==> flow/design.v <==
module ram_block #(
  parameter DEPTH = 16,
  parameter W = 2,
  parameter ABITS = $clog2(DEPTH)
) (
  input  clk_i,
  input  i_rst_n,
  input  [ABITS-1:0] address,
  input  write,
  input  [W-1:0] wr_data,
  output reg [W-1:0] rd
);
  reg [ABITS-1:0] address_s;
  reg write_s;
  reg [W-1:0] wr_data_s;
  always @(posedge clk_i or negedge i_rst_n) begin
    if (!i_rst_n) begin
      address_s <= 0;
      write_s <= 1'b0;
      wr_data_s <= 0;
    end else begin
      address_s <= address;
      write_s <= write;
      wr_data_s <= wr_data;
    end
  end
  reg [W-1:0] bank [0:DEPTH-1];
  always @(posedge clk_i)
    if (write_s) bank[address_s] <= wr_data_s;
  always @(posedge clk_i or negedge i_rst_n) begin
    if (!i_rst_n) begin
      rd <= 0;
    end else begin
      rd <= write_s ? wr_data_s : bank[address_s];
    end
  end
endmodule
From RTL to reports: ram_block
The steps from the RTL of ram_block to its reports follow in flow order.
Line numbers count from 1 in the design file above.
Operators: Yosys type, input widths -> output width; for muxes data width and select width s.
Cell names lack the library's common part.
{"block": "design", "top_module": "ram_block", "clock_port": "clk_i", "library": "sky130hd", "lib_corner": "tt_025C_1v80"}

After elaboration
Yosys after proc, flatten, opt, wreduce and memory -nomap, before mapping. Enables and synchronous resets that opt folds into registers are not counted as muxes. Memory bits, and registers merged into a memory's read port (data or address), are not among the register bits. Print and check cells are not counted. Equal cells are merged and count once.
Memory sizes are those after Yosys's memory passes, which may raise the word count (mostly to a power of two), join words into wider ones and drop unused or constant bits.
{"block": "bits", "register_bits": 7, "rom_bits": 0, "ram_bits": 32, "latchBits": 0, "word_cells": 8, "mem_count": 1, "clocked_rd_ports_x_width": 2, "output_inout_bits": 2}
{"block": "classes", "shifts": 0, "addsub": 0, "mux": 3, "mul": 0, "div_mod_pow": 0, "n_eq": 0, "n_logic": 0, "n_reduce_logical": 1, "cmp": 0}
{"block": "mem_list", "memory": "bank", "words": 16, "width": 2, "rd": 1, "write_ports": 1, "line_no": 27, "text": "reg [W-1:0] bank [0:DEPTH-1];"}
{"block": "op_table", "op": "$mux 4", "n": 1}
{"block": "op_table", "op": "$mux 2", "n": 1}
{"block": "op_table", "op": "$logic_not 1->1", "n": 1}
{"block": "op_table", "op": "$mux 1", "n": 1}

Depth
Yosys ltp: most cells in a row. Word level: on the elaborated netlist, between registers, memories and ports. Mapped: between sequential cells and ports; inverters and the memories' decode and read muxes count.
{"block": "depth", "depth_word": 1, "abc_area": 0, "mapped_depth": 6, "ltp_nobuf": 4}

Synthesis result
Yosys stat after the flow's synthesis: flattened, memories mapped to cells. It holds for the ABC_AREA given above (unset counts as 0); a run with the other value may have another netlist.
Totals and module areas in this step are rounded.
{"block": "mapped", "synth_area_mm2": 0.00161, "mapped_cells": 94, "ffs": 41, "n_buf": 5, "sequential_area_mm2": 0.00119}
{"block": "types", "cell_type": "edfxtp_1", "n": 32}
{"block": "types", "cell_type": "dfrtp_1", "n": 9}
{"block": "types", "cell_type": "mux4_1", "n": 3}
{"block": "types", "cell_type": "mux4_2", "n": 3}
{"block": "types", "cell_type": "nor2_1", "n": 15}
{"block": "types", "cell_type": "a211oi_1", "n": 4}
{"block": "types", "cell_type": "nor3_1", "n": 6}
{"block": "types", "cell_type": "nor2b_1", "n": 4}
{"block": "types", "cell_type": "a221o_1", "n": 2}
{"block": "types", "cell_type": "mux2i_1", "n": 2}
{"block": "types", "cell_type": "buf_2", "n": 3}
{"block": "types", "cell_type": "nand3b_1", "n": 2}
{"block": "types", "cell_type": "nor3b_1", "n": 2}
{"block": "types", "cell_type": "buf_6", "n": 1}
{"block": "types", "cell_type": "or3b_2", "n": 1}
{"block": "types", "cell_type": "buf_4", "n": 1}
{"block": "types", "cell_type": "or2b_1", "n": 1}
{"block": "types", "cell_type": "nand2b_1", "n": 1}
Other cell types: 2; their cells: 2.

Path before layout
Source: OpenSTA report_checks on the synthesized netlist (no wires, ideal clock, input and output delay 20% of the period each), path of least setup slack; recovery checks are left aside. Register names are those of the netlist, which keeps one name where synthesis merged equal registers.
{"block": "synth_path", "kind": "reg-to-reg", "start": "reg address_s[3]", "end": "mem bank[0][0]", "setup_ns": 0.329, "delay_ns": 1.677, "tclk_ns": 2.1, "driving_pins": 5, "required_time_ns": 1.771, "t_arrival_ns": 1.348, "path_slack_ns": 0.423, "synth_period_reached_ns": 1.677}
"delay_ns" is the arrival time less input delay plus setup time.
"driving_pins" counts driving pins, that of a launching flip-flop among them; a cell with two outputs on the path counts twice.
"synth_period_reached_ns" is the clock period less the worst setup slack; recovery checks do not enter. This is arithmetic on one report: input and output delays are still those of the set period (20% each).
Between the ends stands the longest chain of elaborated cells between them, by number of cells; it is not shown to be the way that was timed. Of several equally long chains one is given.
Each line given opens the expression or statement behind the cell; cells for indexed reads and writes are added by Yosys, which also makes memories of some case tables.
{"block": "synth_between", "path_cell_list": "dfrtp_1 > buf_2 > buf_2 > or3b_2 > nor3_1", "elab_chain_len": 1, "cells_between": 1, "lines_between": 1, "classes_between": "mux: 1"}
{"block": "synth_lines", "item": "from (decl)", "line_no": 13, "text": "reg [ABITS-1:0] address_s;"}
{"block": "synth_lines", "item": "from (assign)", "line_no": 18, "text": "address_s <= 0;"}
{"block": "synth_lines", "item": "from (assign)", "line_no": 22, "text": "address_s <= address;"}
{"block": "synth_lines", "item": "$mux 4", "line_no": 29, "text": "if (write_s) bank[address_s] <= wr_data_s;"}
{"block": "synth_lines", "item": "to (decl)", "line_no": 27, "text": "reg [W-1:0] bank [0:DEPTH-1];"}

Worst path after layout
Path of least setup slack in the final report of run 2 (OpenROAD, finished layout, wires in). Where an end is a register, its clock arrival counts in the times.
{"block": "layout_path", "kind": "reg-to-reg", "start": "reg address_s[0]", "end": "reg rd[0]", "path_slack_ns": 0.27, "setup_ns": 0.11, "required_time_ns": 2.28, "tclk_ns": 2.1, "t_arrival_ns": 2.01, "driving_pins": 6}
{"block": "layout_between", "path_cell_list": "dfrtp_1 > buf_4 > mux4_2 > mux2i_1 > nor3b_1 > a221o_1"}
{"block": "layout_lines", "item": "from (decl)", "line_no": 13, "text": "reg [ABITS-1:0] address_s;"}
{"block": "layout_lines", "item": "from (assign)", "line_no": 18, "text": "address_s <= 0;"}
{"block": "layout_lines", "item": "from (assign)", "line_no": 22, "text": "address_s <= address;"}
{"block": "layout_lines", "item": "to (decl)", "line_no": 11, "text": "output reg [W-1:0] rd"}
No chain of elaborated cells between the ends is given.

Settings and measured results of 3 stored flow runs for module ram_block (sky130hd), not sorted in any way. The constraints put input and output delay at 20% of the set period each and load the outputs with 0.01 pF.
"achievedPeriod_ns": clock period set for the run, less the worst setup slack. It is reckoned from that one timing run; input and output delays stay at 20% of the period that was set.
By "timing.worst_path_ns" is meant the share of the clock period that the worst setup path is allowed (20% is reserved at inputs, 20% at outputs), minus its slack. Clock arrival times at its registers enter into it.
"power_mw": no workload was simulated; the value follows from the tool's default switching activity.
The measured numbers are rounded.

{"run": "run 1", "settings": { "period_ns": 1.32, "CORE_UTILIZATION": 60, "SETUP_SLACK_MARGIN": 0.24, "PLACE_DENSITY": 0.54, "CORE_MARGIN": 7, "CELL_PAD_IN_SITES_GLOBAL_PLACEMENT": 3, "TNS_END_PERCENT": 5, "ABC_AREA": 0, "CTS_CLUSTER_DIAMETER": 351, "SLEW_MARGIN": 35, "MIN_ROUTING_LAYER": "met2", "CAP_MARGIN": 20 }, "outcome": "stopped before the end: placement reported GPL-0301"}
{"run": "run 2", "settings": { "period_ns": 2.1, "CAP_MARGIN": 20, "CORE_MARGIN": 2, "CORE_UTILIZATION": 40, "SLEW_MARGIN": 20 }, "results": { "die_footprint_mm2": 0.00455, "power_mw": 1.64, "achievedPeriod_ns": 1.828, "synth_area_mm2": 0.00161, "layout_utilization_pct": 47.3, "final_cell_area_mm2": 0.00187, "setup_tns_ns": 0.000, "timing.worst_path_ns": 1.83, "worst_path_kind": "reg-to-reg", "ws_setup_ns": 0.272 }}
{"run": "run 3", "settings": { "period_ns": 2.63, "CORE_UTILIZATION": 35, "SETUP_SLACK_MARGIN": 0.66, "HOLD_SLACK_MARGIN": 0.0, "CORE_MARGIN": 2, "CELL_PAD_IN_SITES_GLOBAL_PLACEMENT": 0, "CELL_PAD_IN_SITES_DETAIL_PLACEMENT": 1, "GPL_ROUTABILITY_DRIVEN": 0, "CAP_MARGIN": 30, "SLEW_MARGIN": 0, "MIN_ROUTING_LAYER": "met1" }, "results": { "die_footprint_mm2": 0.00516, "power_mw": 1.32, "achievedPeriod_ns": 1.818, "synth_area_mm2": 0.00161, "layout_utilization_pct": 42.4, "final_cell_area_mm2": 0.00186, "setup_tns_ns": 0.000, "timing.worst_path_ns": 1.82, "worst_path_kind": "reg-to-reg", "ws_setup_ns": 0.812 }}
